==> flow/design.v <==
module dp_adder_rtl #(
    parameter WIDTH = 14
) (
    input wire i_clk,
    input wire i_rst_n,
    input wire [WIDTH-1:0] first_in,
    input wire [WIDTH-1:0] second_in,
    output wire [WIDTH:0] out_out
);
    reg [WIDTH:0] out_r;
    always @(posedge i_clk or negedge i_rst_n) begin
        if (~i_rst_n) begin
            out_r <= 0;
        end else begin
            out_r <= first_in + second_in;
        end
    end
    assign out_out = out_r;
endmodule
Wiki page: dp_adder_rtl / tool data

### Tool chain data of dp_adder_rtl

A sweep over "WIDTH": the same steps for each member of the family.
The RTL above is that of WIDTH 14; lines are counted from 1 in the file of the member named.
Operators: Yosys type, input widths -> output width; for muxes data width and select width s.
A cell with -- has no value.

| set-up | value |
|---|---|
| design top | dp_adder_rtl |
| clock port | i_clk |
| standard-cell library | sky130hd |
| timing corner | tt_025C_1v80 |

### Source of the members

New or changed lines of each further member against the RTL above, in its own file; lines it lacks are not shown.

New or changed lines:

| WIDTH | line | source |
|---|---|---|
| 24 | 2 | `parameter WIDTH = 24` |
| 56 | 2 | `parameter WIDTH = 56` |
| 96 | 2 | `parameter WIDTH = 96` |

### Word-level counts

Source: Yosys, flattened and elaborated, memories not mapped. Widths are those after wreduce; folded enables and synchronous resets count as part of the registers. Registers that Yosys merges into a memory's read port (data or address) are not register bits. Print and check cells do not count. Equal cells are merged and count once.

Bit counts:

| WIDTH | input port bits | elaborated cells | flip-flop bits (word level) |
|---|---|---|---|
| 14 | 30 | 2 | 15 |
| 24 | 50 | 2 | 25 |
| 56 | 114 | 2 | 57 |
| 96 | 194 | 2 | 97 |

Cells by class:

| WIDTH | add/subtract/negate cells |
|---|---|
| 14 | 1 |
| 24 | 1 |
| 56 | 1 |
| 96 | 1 |

Operators by type and width:

| WIDTH | kinds with counts |
|---|---|
| 14 | $add 14x14->15: 1 |
| 24 | $add 24x24->25: 1 |
| 56 | $add 56x56->57: 1 |
| 96 | $add 96x96->97: 1 |

### Longest topological paths

Depth = most cells in a row (Yosys ltp): at word level without a register or memory, in the mapped netlist without a sequential cell, where the memories' decode and read muxes count.

Logic depth:

| WIDTH | depth in word-level cells | ABC_AREA | mapped depth |
|---|---|---|---|
| 14 | 1 | 0 | 7 |
| 24 | 1 | 0 | 8 |
| 56 | 1 | 0 | 11 |
| 96 | 1 | 0 | 13 |

### Netlist

The flow's flattened synthesis, as Yosys stat reports it; memories are mapped. The netlist is that of the ABC_AREA named above (0 if unset); the other value can give another one.
Totals and module areas in this step are rounded.

Cell types:

| WIDTH | types with counts |
|---|---|
| 14 | sky130_fd_sc_hd__dfrtp_1: 15; sky130_fd_sc_hd__ha_1: 14; sky130_fd_sc_hd__xnor2_1: 6; sky130_fd_sc_hd__xor2_1: 5; sky130_fd_sc_hd__a21oi_2: 4; sky130_fd_sc_hd__a21o_1: 4; sky130_fd_sc_hd__a21oi_1: 6; sky130_fd_sc_hd__o21bai_2: 2; sky130_fd_sc_hd__fa_1: 1; sky130_fd_sc_hd__nand3_1: 4; sky130_fd_sc_hd__nor3_1: 4; sky130_fd_sc_hd__o21ai_0: 4; sky130_fd_sc_hd__nor2_1: 5; sky130_fd_sc_hd__a211o_1: 2; sky130_fd_sc_hd__o41ai_2: 1; sky130_fd_sc_hd__a311oi_2: 1; sky130_fd_sc_hd__o211ai_1: 2; sky130_fd_sc_hd__and3_1: 2; (+16) |
| 24 | sky130_fd_sc_hd__dfrtp_1: 25; sky130_fd_sc_hd__ha_1: 24; sky130_fd_sc_hd__a21oi_1: 22; sky130_fd_sc_hd__xnor2_1: 11; sky130_fd_sc_hd__xor2_1: 7; sky130_fd_sc_hd__nand2_1: 14; sky130_fd_sc_hd__nor2_1: 12; sky130_fd_sc_hd__o21ai_0: 9; sky130_fd_sc_hd__a21o_1: 5; sky130_fd_sc_hd__a211oi_1: 4; sky130_fd_sc_hd__o21ai_1: 6; sky130_fd_sc_hd__and3_1: 4; sky130_fd_sc_hd__nand3_1: 5; sky130_fd_sc_hd__inv_1: 6; sky130_fd_sc_hd__o211ai_1: 3; sky130_fd_sc_hd__o21bai_1: 3; sky130_fd_sc_hd__fa_1: 1; sky130_fd_sc_hd__nor3b_4: 1; (+34) |
| 56 | sky130_fd_sc_hd__dfrtp_1: 57; sky130_fd_sc_hd__ha_1: 56; sky130_fd_sc_hd__a21oi_1: 65; sky130_fd_sc_hd__xnor2_1: 29; sky130_fd_sc_hd__a21o_1: 31; sky130_fd_sc_hd__xor2_1: 23; sky130_fd_sc_hd__nand2_1: 46; sky130_fd_sc_hd__o21ai_0: 28; sky130_fd_sc_hd__nand4_1: 17; sky130_fd_sc_hd__nor2_1: 25; sky130_fd_sc_hd__o21bai_1: 12; sky130_fd_sc_hd__clkbuf_1: 19; sky130_fd_sc_hd__a31oi_1: 8; sky130_fd_sc_hd__a211oi_1: 6; sky130_fd_sc_hd__o21a_1: 6; sky130_fd_sc_hd__inv_1: 11; sky130_fd_sc_hd__nand3_1: 7; sky130_fd_sc_hd__nor3_1: 7; (+60) |
| 96 | sky130_fd_sc_hd__dfrtp_1: 97; sky130_fd_sc_hd__ha_1: 96; sky130_fd_sc_hd__a21oi_1: 131; sky130_fd_sc_hd__xnor2_1: 57; sky130_fd_sc_hd__o21ai_0: 70; sky130_fd_sc_hd__a21o_1: 42; sky130_fd_sc_hd__nand2_1: 80; sky130_fd_sc_hd__xor2_1: 34; sky130_fd_sc_hd__nand4_1: 39; sky130_fd_sc_hd__nor2_1: 52; sky130_fd_sc_hd__o21bai_1: 25; sky130_fd_sc_hd__inv_1: 30; sky130_fd_sc_hd__o21a_1: 14; sky130_fd_sc_hd__buf_6: 9; sky130_fd_sc_hd__a31oi_1: 15; sky130_fd_sc_hd__a211oi_1: 11; sky130_fd_sc_hd__clkbuf_1: 22; sky130_fd_sc_hd__nor2b_1: 13; (+143) |

A list marked (+n) leaves out that many cells.

Synthesis totals:

| WIDTH | synthesis area (um2) | flip-flops | sequential area (um2) | standard cells after synthesis |
|---|---|---|---|---|
| 14 | 1,040 | 15 | 375 | 98 |
| 24 | 1,890 | 25 | 626 | 196 |
| 56 | 4,620 | 57 | 1,430 | 513 |
| 96 | 8,380 | 97 | 2,430 | 980 |

### Path before layout

Source: OpenSTA report_checks on the synthesized netlist (no wires, ideal clock, input and output delay 20% of the period each), path of least setup slack; recovery checks are left aside. Register names are those of the netlist, which keeps one name where synthesis merged equal registers.

Timing after synthesis:

| WIDTH | path type | start point | end point | stages on the path | delay of the path (ns) | period (ns) | slack (ns) | period reached after synthesis (ns) |
|---|---|---|---|---|---|---|---|---|
| 14 | input-to-reg | in first_in[0] | reg out_r[10] | 7 | 1.461 | 2.28 | 0.363 | 1.917 |
| 24 | input-to-reg | in first_in[0] | reg out_r[22] | 8 | 1.853 | 2.9 | 0.467 | 2.433 |
| 56 | input-to-reg | in first_in[0] | reg out_r[50] | 11 | 2.460 | 3.84 | 0.612 | 3.228 |
| 96 | input-to-reg | in first_in[0] | reg out_r[92] | 13 | 3.007 | 4.7 | 0.753 | 3.947 |

"delay of the path" is the arrival time less input delay plus setup time.
"stages on the path": output pins that drive a net of the path, with the launching flip-flop's if there is one; two outputs of one cell count as two.
"period reached after synthesis" = period - worst setup slack (recovery checks aside). The figure is calculated, with input and output delays left at 20% of the set period.
The rows between start and end are the longest chain of elaborated cells between them; the timing report does not say that the signal goes this way. Where chains are equally long, one stands for them.
Each line given opens the expression or statement behind the cell; cells for indexed reads and writes are added by Yosys, which also makes memories of some case tables.

| between the ends, after synthesis, WIDTH 14 | value |
|---|---|
| length of the longest elaborated chain | 1 |

RTL lines, path after synthesis, WIDTH 14:

| what | line | source |
|---|---|---|
| start, declared | 6 | `input wire [WIDTH-1:0] first_in,` |
| $add 14x14->15 | 15 | `out_r <= first_in + second_in;` |
| end, assigned | 13 | `out_r <= 0;` |
| end, assigned | 15 |  |
| end, declared | 10 | `reg [WIDTH:0] out_r;` |

| between the ends, after synthesis, WIDTH 96 | value |
|---|---|
| length of the longest elaborated chain | 1 |

RTL lines, path after synthesis, WIDTH 96:

| what | line | source |
|---|---|---|
| start, declared | 6 | `input wire [WIDTH-1:0] first_in,` |
| $add 96x96->97 | 15 | `out_r <= first_in + second_in;` |
| end, assigned | 13 | `out_r <= 0;` |
| end, assigned | 15 |  |
| end, declared | 10 | `reg [WIDTH:0] out_r;` |

### Timing after layout

Path of least setup slack in the final report of the run of each member (OpenROAD, finished layout, wires in). Where an end is a register, its clock arrival counts in the times.

Timing after layout:

| WIDTH | path type | start point | end point | slack (ns) | arrival (ns) | period (ns) | path buffers | stages on the path |
|---|---|---|---|---|---|---|---|---|
| 14 | input-to-reg | in first_in[0] | reg out_r[10] | 0.15 | 2.34 | 2.28 | 1 | 8 |
| 24 | input-to-reg | in first_in[0] | reg out_r[22] | 0.27 | 2.82 | 2.9 | 1 | 9 |
| 56 | input-to-reg | in first_in[0] | reg out_r[50] | 0.36 | 3.68 | 3.84 | 1 | 12 |
| 96 | input-to-reg | in first_in[0] | reg out_r[92] | 0.26 | 4.66 | 4.7 | 1 | 14 |

### Flow runs

Settings and results of one run of the flow (Yosys, OpenROAD) for each member follow. The constraints put input and output delay at 20% of the set period each and load the outputs with 0.01 pF.

| flow settings | value |
|---|---|
| CAP_MARGIN | 20 |
| CORE_MARGIN | 2 |
| CORE_UTILIZATION | 40 |
| SLEW_MARGIN | 20 |

Settings that differ:

| WIDTH | period_ns |
|---|---|
| 14 | 2.28 |
| 24 | 2.9 |
| 56 | 3.84 |
| 96 | 4.7 |

Measured results:

| WIDTH | post-route utilization (%) | Yosys chip area after synthesis (um2) | die size (um2) | period reached (ns) | setup slack of the worst path (ns) | total negative setup slack (ns) |
|---|---|---|---|---|---|---|
| 14 | 64.8 | 1,040 | 3,020 | 2.128 | 0.152 | 0.000 |
| 24 | 63.6 | 1,890 | 5,280 | 2.630 | 0.270 | 0.000 |
| 56 | 60.1 | 4,620 | 12,400 | 3.482 | 0.358 | 0.000 |
| 96 | 59.0 | 8,380 | 22,100 | 4.437 | 0.263 | 0.000 |

"period reached" is the run's clock period less its worst setup slack. It is reckoned from that one timing run; input and output delays stay at 20% of the period that was set.
Results are given in rounded form.
